==> flow/design.v <==
module dp_mplex_v2 #(
    parameter XLEN = 4
) (
    input  clock,
    input  srst,
    input  [XLEN-1:0] ch_0_in,
    input  [XLEN-1:0] ch_1_in,
    input  [XLEN-1:0] ch_2_in,
    input  [XLEN-1:0] ch_3_in,
    input  [XLEN-1:0] ch_4_in,
    input  [XLEN-1:0] ch_5_in,
    input  [4:0] addr_in,
    output [XLEN-1:0] result_out
);
    reg [XLEN-1:0] ch_0_r;
    reg [XLEN-1:0] ch_1_r;
    reg [XLEN-1:0] ch_2_r;
    reg [XLEN-1:0] ch_3_r;
    reg [XLEN-1:0] ch_4_r;
    reg [XLEN-1:0] ch_5_r;
    reg [4:0] addr_r;
    reg [XLEN-1:0] work;
    always @(*) begin
        casez (addr_r)
            5'b????1: work = ch_0_r;
            5'b???10: work = ch_1_r;
            5'b??100: work = ch_2_r;
            5'b?1000: work = ch_3_r;
            5'b10000: work = ch_4_r;
            default: work = ch_5_r;
        endcase
    end
    assign result_out = work;
    always @(posedge clock) begin
        if (srst) begin
            ch_0_r <= 0;
            ch_1_r <= 0;
            ch_2_r <= 0;
            ch_3_r <= 0;
            ch_4_r <= 0;
            ch_5_r <= 0;
            addr_r <= 0;
        end else begin
            ch_0_r <= ch_0_in;
            ch_1_r <= ch_1_in;
            ch_2_r <= ch_2_in;
            ch_3_r <= ch_3_in;
            ch_4_r <= ch_4_in;
            ch_5_r <= ch_5_in;
            addr_r <= addr_in;
        end
    end
endmodule
Tool chain data of dp_mplex_v2:

The steps from the RTL of dp_mplex_v2 to its reports follow in flow order.
Lines are those of the file above, counted from 1.
Operators: Yosys type, input widths -> output width; for muxes data width and select width s.
Library cell names are shortened.
The mark - stands for no value.

* design top: dp_mplex_v2
* clock: clock
* standard-cell library: sky130hd
* library corner: tt_025C_1v80

After elaboration:

Counts by Yosys on the flattened word-level netlist (proc, flatten, opt, wreduce; memories kept). Register bits leave out memories and registers merged into their read ports (data or address); mux counts leave out enables and synchronous resets folded into registers. Print and check cells are left out. Cells with the same type and inputs are merged into one.

* equality and inequality tests: 4
* multiplexer cells: 1

Operators by type and width (count)
* $pmux 4 s5: 1
* $eq 5x5->1 const B: 1
* $eq 4x4->1 const B: 1
* $eq 3x3->1 const B: 1
* $eq 2x2->1 const B: 1

* bits in registers: 29
* input bits: 31
* output and inout port bits: 4
* cells after elaboration: 12

Logic depth:

Depth = most cells in a row (Yosys ltp): at word level without a register or memory, in the mapped netlist without a sequential cell, where the memories' decode and read muxes count.

* depth after elaboration: 2
* ABC_AREA: 1
* gate-level depth with buffers: 7
* gate-level depth less buffers: 7

Synthesis result:

The flow's flattened synthesis, as Yosys stat reports it; memories are mapped. The netlist is that of the ABC_AREA named above (0 if unset); the other value can give another one.

* cell count: 146
* mapped area: 1078.5 sq um
* sequential area: 580.6 sq um
* flip-flop cells: 29
* buffer cells: 4

Cell types
* dfxtp_1: count 29, area in all 580.557 sq um
* nor2_1: count 43, area in all 161.405 sq um
* inv_1: count 34, area in all 127.622 sq um
* nand3_1: count 12, area in all 60.058 sq um
* nand4_1: count 8, area in all 50.048 sq um
* nand2_1: count 12, area in all 45.043 sq um
* buf_6: count 1, area in all 11.261 sq um
* nor2_4: count 1, area in all 11.261 sq um
* buf_2: count 2, area in all 10.01 sq um
* nand3_2: count 1, area in all 10.01 sq um
* inv_2: count 2, area in all 7.507 sq um
* clkbuf_1: count 1, area in all 3.754 sq um

Path before layout:

Source: OpenSTA report_checks on the synthesized netlist (no wires, ideal clock, input and output delay 20% of the period each), path of least setup slack; recovery checks are left aside. Register names are those of the netlist, which keeps one name where synthesis merged equal registers.

* kind: register to output
* from: register addr_r[1]
* to: output port result_out[2]
* period: 1780 ps
* external output delay: 356 ps
* launch time at the first pin: 0 ps
* arrival: 963 ps
* data required time: 1424 ps
* setup slack: 461 ps
* path delay: 963 ps
* stages: 7
* buffers on the path: 1
* synthesis period reached: 1319 ps

"path delay" is the arrival time less input delay plus setup time.
At an output port there is no setup time.
"stages" counts driving pins, that of a launching flip-flop among them; a cell with two outputs on the path counts twice.
"synthesis period reached" is the clock period less the worst setup slack; recovery checks do not enter. This is arithmetic on one report: input and output delays are still those of the set period (20% each).
The rows between start and end are the longest chain of elaborated cells between them; the timing report does not say that the signal goes this way. Where chains are equally long, one stands for them.
A line is the first line of the expression or statement that the cell stems from. Yosys adds cells for indexed reads and writes and turns some case tables into memories.

* cell sequence: dfxtp_1 > nor2_4 > buf_6 > nand4_1 > nand2_1 > nor2_1 > nor2_1
* cells in the longest elaborated chain: 2
* elaborated cells between the ends (all ways): 5
* RTL lines with such cells: 1
* classes of those cells: 4 x eq/ne; 1 x mux

RTL lines, path after synthesis
* from (decl): RTL line 21 `reg [4:0] addr_r;`
* from (assign): RTL line 42 `addr_r <= 0;`
* from (assign): RTL line 50 `addr_r <= addr_in;`
* $eq 5x5->1: RTL line 24 `casez (addr_r)`
* $pmux 4 s5: RTL line 24
* to (decl): RTL line 13 `output [XLEN-1:0] result_out`

Path in the finished layout:

Path of least setup slack in the final report of run 2 (OpenROAD, finished layout, wires in). Where an end is a register, its clock arrival counts in the times.
The path's times are printed in steps of 10 ps; the period is the one set.

* kind: register to output
* from: register addr_r[1]
* to: output port result_out[1]
* period: 2580 ps
* external output delay: 520 ps
* launch time at the first pin: 320 ps
* arrival: 1910 ps
* data required time: 2060 ps
* setup slack: 160 ps
* stages: 8
* buffers on the path: 2

The rows between start and end are the longest chain of elaborated cells between them; the timing report does not say that the signal goes this way. Where chains are equally long, one stands for them.

* cell sequence: dfxtp_1 > nor2_4 > buf_6 > nand3_1 > nand3_1 > nor2_1 > nor2_1 > clkdlybuf4s50_1
* cells in the longest elaborated chain: 2
* elaborated cells between the ends (all ways): 5
* RTL lines with such cells: 1
* classes of those cells: 4 x eq/ne; 1 x mux

RTL lines, path after layout
* from (decl): RTL line 21 `reg [4:0] addr_r;`
* from (assign): RTL line 42 `addr_r <= 0;`
* from (assign): RTL line 50 `addr_r <= addr_in;`
* $eq 5x5->1: RTL line 24 `casez (addr_r)`
* $pmux 4 s5: RTL line 24
* to (decl): RTL line 13 `output [XLEN-1:0] result_out`

Subject: dp_mplex_v2 on sky130hd, stored results

Hello all,

Design dp_mplex_v2 on sky130hd. What follows are 3 stored runs of the flow, each under its own settings; their order means nothing. The constraints put input and output delay at 20% of the set period each and load the outputs with 0.01 pF.
"clock period achieved" means the clock period less the worst setup slack. The figure is calculated, with input and output delays left at 20% of the set period.
"worst path time" is the time allowed to the run's worst setup path (the clock period less input and output delay, where it has them) less its slack. Clock arrival times count: a late capture clock shortens it, a late launch clock lengthens it.
By "total power after layout" is meant OpenSTA's value without simulated activity: inputs other than the clock are taken to toggle once in ten clock periods, and the tool carries that through the logic.
"worst path time" is known to 10 ps.

### Run 1

Settings: `period_ns=2.43`, `CORE_UTILIZATION=58`, `PLACE_DENSITY_LB_ADDON=0.16`, `CORE_ASPECT_RATIO=0.58`, `CORE_MARGIN=3`, `TNS_END_PERCENT=10`, `GPL_ROUTABILITY_DRIVEN=1`, `CTS_CLUSTER_DIAMETER=356`, `CAP_MARGIN=35`, `MAX_ROUTING_LAYER=met4`, `SLEW_MARGIN=20`

No results, floorplanning failed with PDN-0185.

### Run 2

Settings: `period_ns=2.58`, `CORE_UTILIZATION=35`, `PLACE_DENSITY_LB_ADDON=0.18`, `CORE_ASPECT_RATIO=1.24`, `ABC_AREA=1`, `GPL_TIMING_DRIVEN=0`, `GPL_ROUTABILITY_DRIVEN=0`, `CTS_CLUSTER_DIAMETER=165`, `CAP_MARGIN=20`, `CORE_MARGIN=2`, `SLEW_MARGIN=20`

- Netlist area reported by Yosys: 1078.5 sq um
- Die size: 3544.1 sq um
- Standard-cell area after routing: 1542.7 sq um
- Final design utilization: 0.524
- Setup slack of the worst path: 156 ps
- Setup total negative slack: 0 ps
- Smallest hold slack: 471 ps
- Total power after layout: 0.9924 mW
- Clock period achieved: 2424 ps
- Worst path time: 1910 ps
- Worst setup path kind: register to output

### Run 3

Settings: `period_ns=1.78`, `CAP_MARGIN=20`, `CORE_MARGIN=2`, `CORE_UTILIZATION=40`, `SLEW_MARGIN=20`

- Netlist area reported by Yosys: 1039.7 sq um
- Die size: 3023.3 sq um
- Standard-cell area after routing: 1550.2 sq um
- Final design utilization: 0.626
- Setup slack of the worst path: -135 ps
- Setup total negative slack: -399 ps
- Smallest hold slack: 571 ps
- Total power after layout: 1.403 mW
- Clock period achieved: 1915 ps
- Worst path time: 1560 ps
- Worst setup path kind: register to output

Thanks
